==> flow/design.v <==
module u_times_mod #(
    parameter WIDTH = 24,
    parameter GUARD = 2
) (
    input wire clk,
    input wire resetn,
    input wire [WIDTH-1:0] op_a_i,
    input wire [WIDTH-1:0] op_b_i,
    input wire start_i,
    output wire [2*WIDTH+GUARD-1:0] mul_o
);
    wire [2*WIDTH-1:0] val;
    assign val = op_a_i * op_b_i;
    reg [2*WIDTH+GUARD-1:0] total;
    always @(posedge clk) begin
        if (!resetn) begin
            total <= 0;
        end else begin
            total <= start_i ? val : total + val;
        end
    end
    assign mul_o = total;
endmodule
==> Reports on u_times_mod <==
The steps from the RTL of u_times_mod to its reports follow in flow order.
Line numbers count from 1 in the design file above.
Operators carry their Yosys type and port widths (W data, S select, Z words).
Cell names lack the library's common part.
{ "design": {"design": "u_times_mod", "clk_port": "clk", "library": "sky130hd", "corner": "tt_025C_1v80"} }

==> After elaboration <==
Counts by Yosys on the flattened word-level netlist (proc, flatten, opt, wreduce; memories kept). Register bits leave out memories and registers merged into their read ports (data or address); mux counts leave out enables and synchronous resets folded into registers. Print and check cells are left out. Cells with the same type and inputs are merged into one.
{ "word_totals": {"reg_bits": 50, "in_bits": 51, "out_inout_bits": 50} }
{ "classes": {"n_addsub": 1, "mul": 1, "n_mux": 1, "n_logic": 1, "n_reduce_logical": 1} }
{ "op_table": {"columns": ["cell", "count"], "rows": [
  ["$mul A24 B24 Y48", 1],
  ["$add A50 B48 Y50", 1],
  ["$mux W48", 1],
  ["$reduce_or A2 Y1", 1],
  ["$not A1 Y1", 1]
]} }

==> Longest topological paths <==
Depth = most cells in a row (Yosys ltp): at word level without a register or memory, in the mapped netlist without a sequential cell, where the memories' decode and read muxes count.
{ "logic_depth": {"depth_word": 3, "ABC_AREA": 0, "ltp_mapped": 37, "mapped_depth_nobuf": 36} }

==> Synthesis result <==
Source: synth_stat.txt of the flow (Yosys; design flattened, memories mapped). It holds for the ABC_AREA given above (unset counts as 0); a run with the other value may have another netlist.
{ "synth_totals": {"cells": 2743, "mapped_area_um2": 23284.8, "sequential_area_um2": 1001.0, "flip_flops": 50} }
{ "types": {"columns": ["cell_type", "count"], "rows": [
  ["fa_1", 483],
  ["ha_1", 223],
  ["inv_1", 564],
  ["and2_1", 293],
  ["nand2_1", 390],
  ["dfxtp_1", 50],
  ["a21oi_1", 111],
  ["clkbuf_1", 129],
  ["xnor2_1", 50],
  ["a21o_1", 48],
  ["xor2_1", 36],
  ["nor2_1", 83],
  ["o21ai_0", 52],
  ["nand4_1", 22],
  ["a31oi_1", 21],
  ["mux2i_1", 10],
  ["nor2b_1", 16],
  ["o211ai_1", 13]
]} }
Other cell types: 49; their cells: 149.

==> Path before layout <==
Path of least setup slack by OpenSTA after synthesis, without wires, with an ideal clock, recovery checks aside; 20% of the period is set as input and as output delay. Where synthesis merged equal registers, the netlist keeps one of their names.
{ "synth_timing": {"path_type": "input -> register", "startpoint": "input port op_b_i[3]", "endpoint": "register total[44]", "tclk_ns": 12.4, "input_delay_ns": 2.480, "setup_ns": 0.079, "t_first_pin_ns": 2.480, "arrival_ns": 10.306, "required_ns": 12.321, "slack_ns": 2.015, "delay_ns": 7.905, "path_stages": 35, "path_buffers": 1, "synth_period_reached_ns": 10.385} }
"delay_ns" is the arrival time less input delay plus setup time.
"path_stages": output pins that drive a net of the path, with the launching flip-flop's if there is one; two outputs of one cell count as two.
"synth_period_reached_ns" = period - worst setup slack (recovery checks aside). The figure is calculated, with input and output delays left at 20% of the set period.
The rows between start and end are the longest chain of elaborated cells between them; the timing report does not say that the signal goes this way. Where chains are equally long, one stands for them.
A line is the first line of the expression or statement that the cell stems from. Yosys adds cells for indexed reads and writes and turns some case tables into memories.
{ "synth_between": {"path_cell_list": "clkbuf_1 nand2_1 fa_1 inv_1 fa_1 inv_1 fa_1 inv_1 fa_1 inv_1 fa_1 inv_1 fa_1 inv_1 fa_1 inv_1 ha_1 nand2_1 o31ai_1 nand4_1 a211o_1 and2_1 o21ai_0 xor2_1 ha_1 nand4_1 nor3_1 nand2_1 a211oi_1 o21ai_0 o32a_1 and2_1 o21ai_0 mux2_2 o211ai_1", "elab_chain_len": 3} }
{ "synth_lines": {"columns": ["element", "line", "rtl"], "rows": [
  ["start, declared", 8, "input wire [WIDTH-1:0] op_b_i,"],
  ["$mul A24 B24 Y48", 13, "assign val = op_a_i * op_b_i;"],
  ["$add A50 B48 Y50", 19, "total <= start_i ? val : total + val;"],
  ["$mux W48", 19, null],
  ["end, assigned", 17, "total <= 0;"],
  ["end, assigned", 19, null],
  ["end, declared", 14, "reg [2*WIDTH+GUARD-1:0] total;"]
]} }

==> Worst path after layout <==
Path of least setup slack in the final report of record 1 (OpenROAD, finished layout, wires in). Where an end is a register, its clock arrival counts in the times.
{ "layout_timing": {"path_type": "input -> register", "startpoint": "input port op_b_i[10]", "endpoint": "register total[44]", "tclk_ns": 12.4, "input_delay_ns": 2.48, "setup_ns": 0.07, "t_first_pin_ns": 2.48, "arrival_ns": 12.15, "required_ns": 12.64, "slack_ns": 0.48, "path_stages": 33, "path_buffers": 2} }
The rows between start and end are the longest chain of elaborated cells between them; the timing report does not say that the signal goes this way. Where chains are equally long, one stands for them.
{ "layout_between": {"path_cell_list": "clkdlybuf4s50_1 buf_4 nand2_1 fa_1 fa_1 inv_1 fa_1 inv_1 fa_1 inv_1 fa_1 fa_1 inv_1 fa_1 inv_1 ha_1 and2_1 nand4_1 a211o_1 and2_1 o21ai_0 xor2_1 ha_1 nand4_1 nor3_1 nand2_1 a211oi_1 o21ai_0 o32a_1 and2_1 o21ai_0 mux2_2 o211ai_1", "elab_chain_len": 3} }
{ "layout_lines": {"columns": ["element", "line", "rtl"], "rows": [
  ["start, declared", 8, "input wire [WIDTH-1:0] op_b_i,"],
  ["$mul A24 B24 Y48", 13, "assign val = op_a_i * op_b_i;"],
  ["$add A50 B48 Y50", 19, "total <= start_i ? val : total + val;"],
  ["$mux W48", 19, null],
  ["end, assigned", 17, "total <= 0;"],
  ["end, assigned", 19, null],
  ["end, declared", 14, "reg [2*WIDTH+GUARD-1:0] total;"]
]} }

Memo
Re: implementation data of u_times_mod

Design u_times_mod on sky130hd. What follows are 3 stored runs of the flow, each under its own settings; their order means nothing. The constraints put input and output delay at 20% of the set period each and load the outputs with 0.01 pF.
"achieved clock period (ns)" is the run's clock period less its worst setup slack. It is reckoned from that one timing run; input and output delays stay at 20% of the period that was set.
By "worst setup path time (ns)" is meant the share of the clock period that the worst setup path is allowed (20% is reserved at inputs, 20% at outputs), minus its slack. Clock arrival times at its registers enter into it.

settings of record 1
{
  "period_ns": 12.4,
  "CAP_MARGIN": 20,
  "CORE_MARGIN": 2,
  "CORE_UTILIZATION": 40,
  "SLEW_MARGIN": 20
}
report of record 1
yosys chip area after synthesis (um^2): 23284.8
finish__design__die__area: 60157.4
finish__design__instance__area__stdcell: 25350.6
finish__design__instance__utilization: 0.4402
finish__timing__setup__ws: 0.484
finish__timing__setup__tns: 0.000
finish__timing__hold__ws: 0.483
achieved clock period (ns): 11.916
worst setup path time (ns): 9.44
worst setup path kind: input -> register

settings of record 2
{
  "period_ns": 10.1,
  "CORE_UTILIZATION": 27,
  "SETUP_SLACK_MARGIN": 1.54,
  "PLACE_DENSITY_LB_ADDON": 0.08,
  "CELL_PAD_IN_SITES_DETAIL_PLACEMENT": 0,
  "GPL_TIMING_DRIVEN": 1,
  "GPL_ROUTABILITY_DRIVEN": 1,
  "CTS_CLUSTER_SIZE": 62,
  "CTS_CLUSTER_DIAMETER": 279,
  "CAP_MARGIN": 10,
  "SLEW_MARGIN": 10,
  "MIN_ROUTING_LAYER": "met1",
  "MAX_ROUTING_LAYER": "met4",
  "CORE_MARGIN": 2
}
report of record 2
yosys chip area after synthesis (um^2): 23284.8
finish__design__die__area: 88604.5
finish__design__instance__area__stdcell: 32743.9
finish__design__instance__utilization: 0.3840
finish__timing__setup__ws: 0.436
finish__timing__setup__tns: 0.000
finish__timing__hold__ws: 0.497
achieved clock period (ns): 9.664
worst setup path time (ns): 7.64
worst setup path kind: input -> register

settings of record 3
{
  "period_ns": 9.06,
  "CORE_UTILIZATION": 48,
  "PLACE_DENSITY": 0.41,
  "CORE_ASPECT_RATIO": 1.27,
  "CELL_PAD_IN_SITES_GLOBAL_PLACEMENT": 1,
  "ABC_AREA": 0,
  "CTS_CLUSTER_SIZE": 31,
  "MIN_ROUTING_LAYER": "met2",
  "CAP_MARGIN": 20,
  "CORE_MARGIN": 2,
  "SLEW_MARGIN": 20
}
report of record 3
yosys chip area after synthesis (um^2): 23284.8
finish__design__die__area: 50300.8
finish__design__instance__area__stdcell: 31272.5
finish__design__instance__utilization: 0.6550
finish__timing__setup__ws: -0.549
finish__timing__setup__tns: -9.088
finish__timing__hold__ws: 0.497
achieved clock period (ns): 9.609
worst setup path time (ns): 7.80
worst setup path kind: input -> register
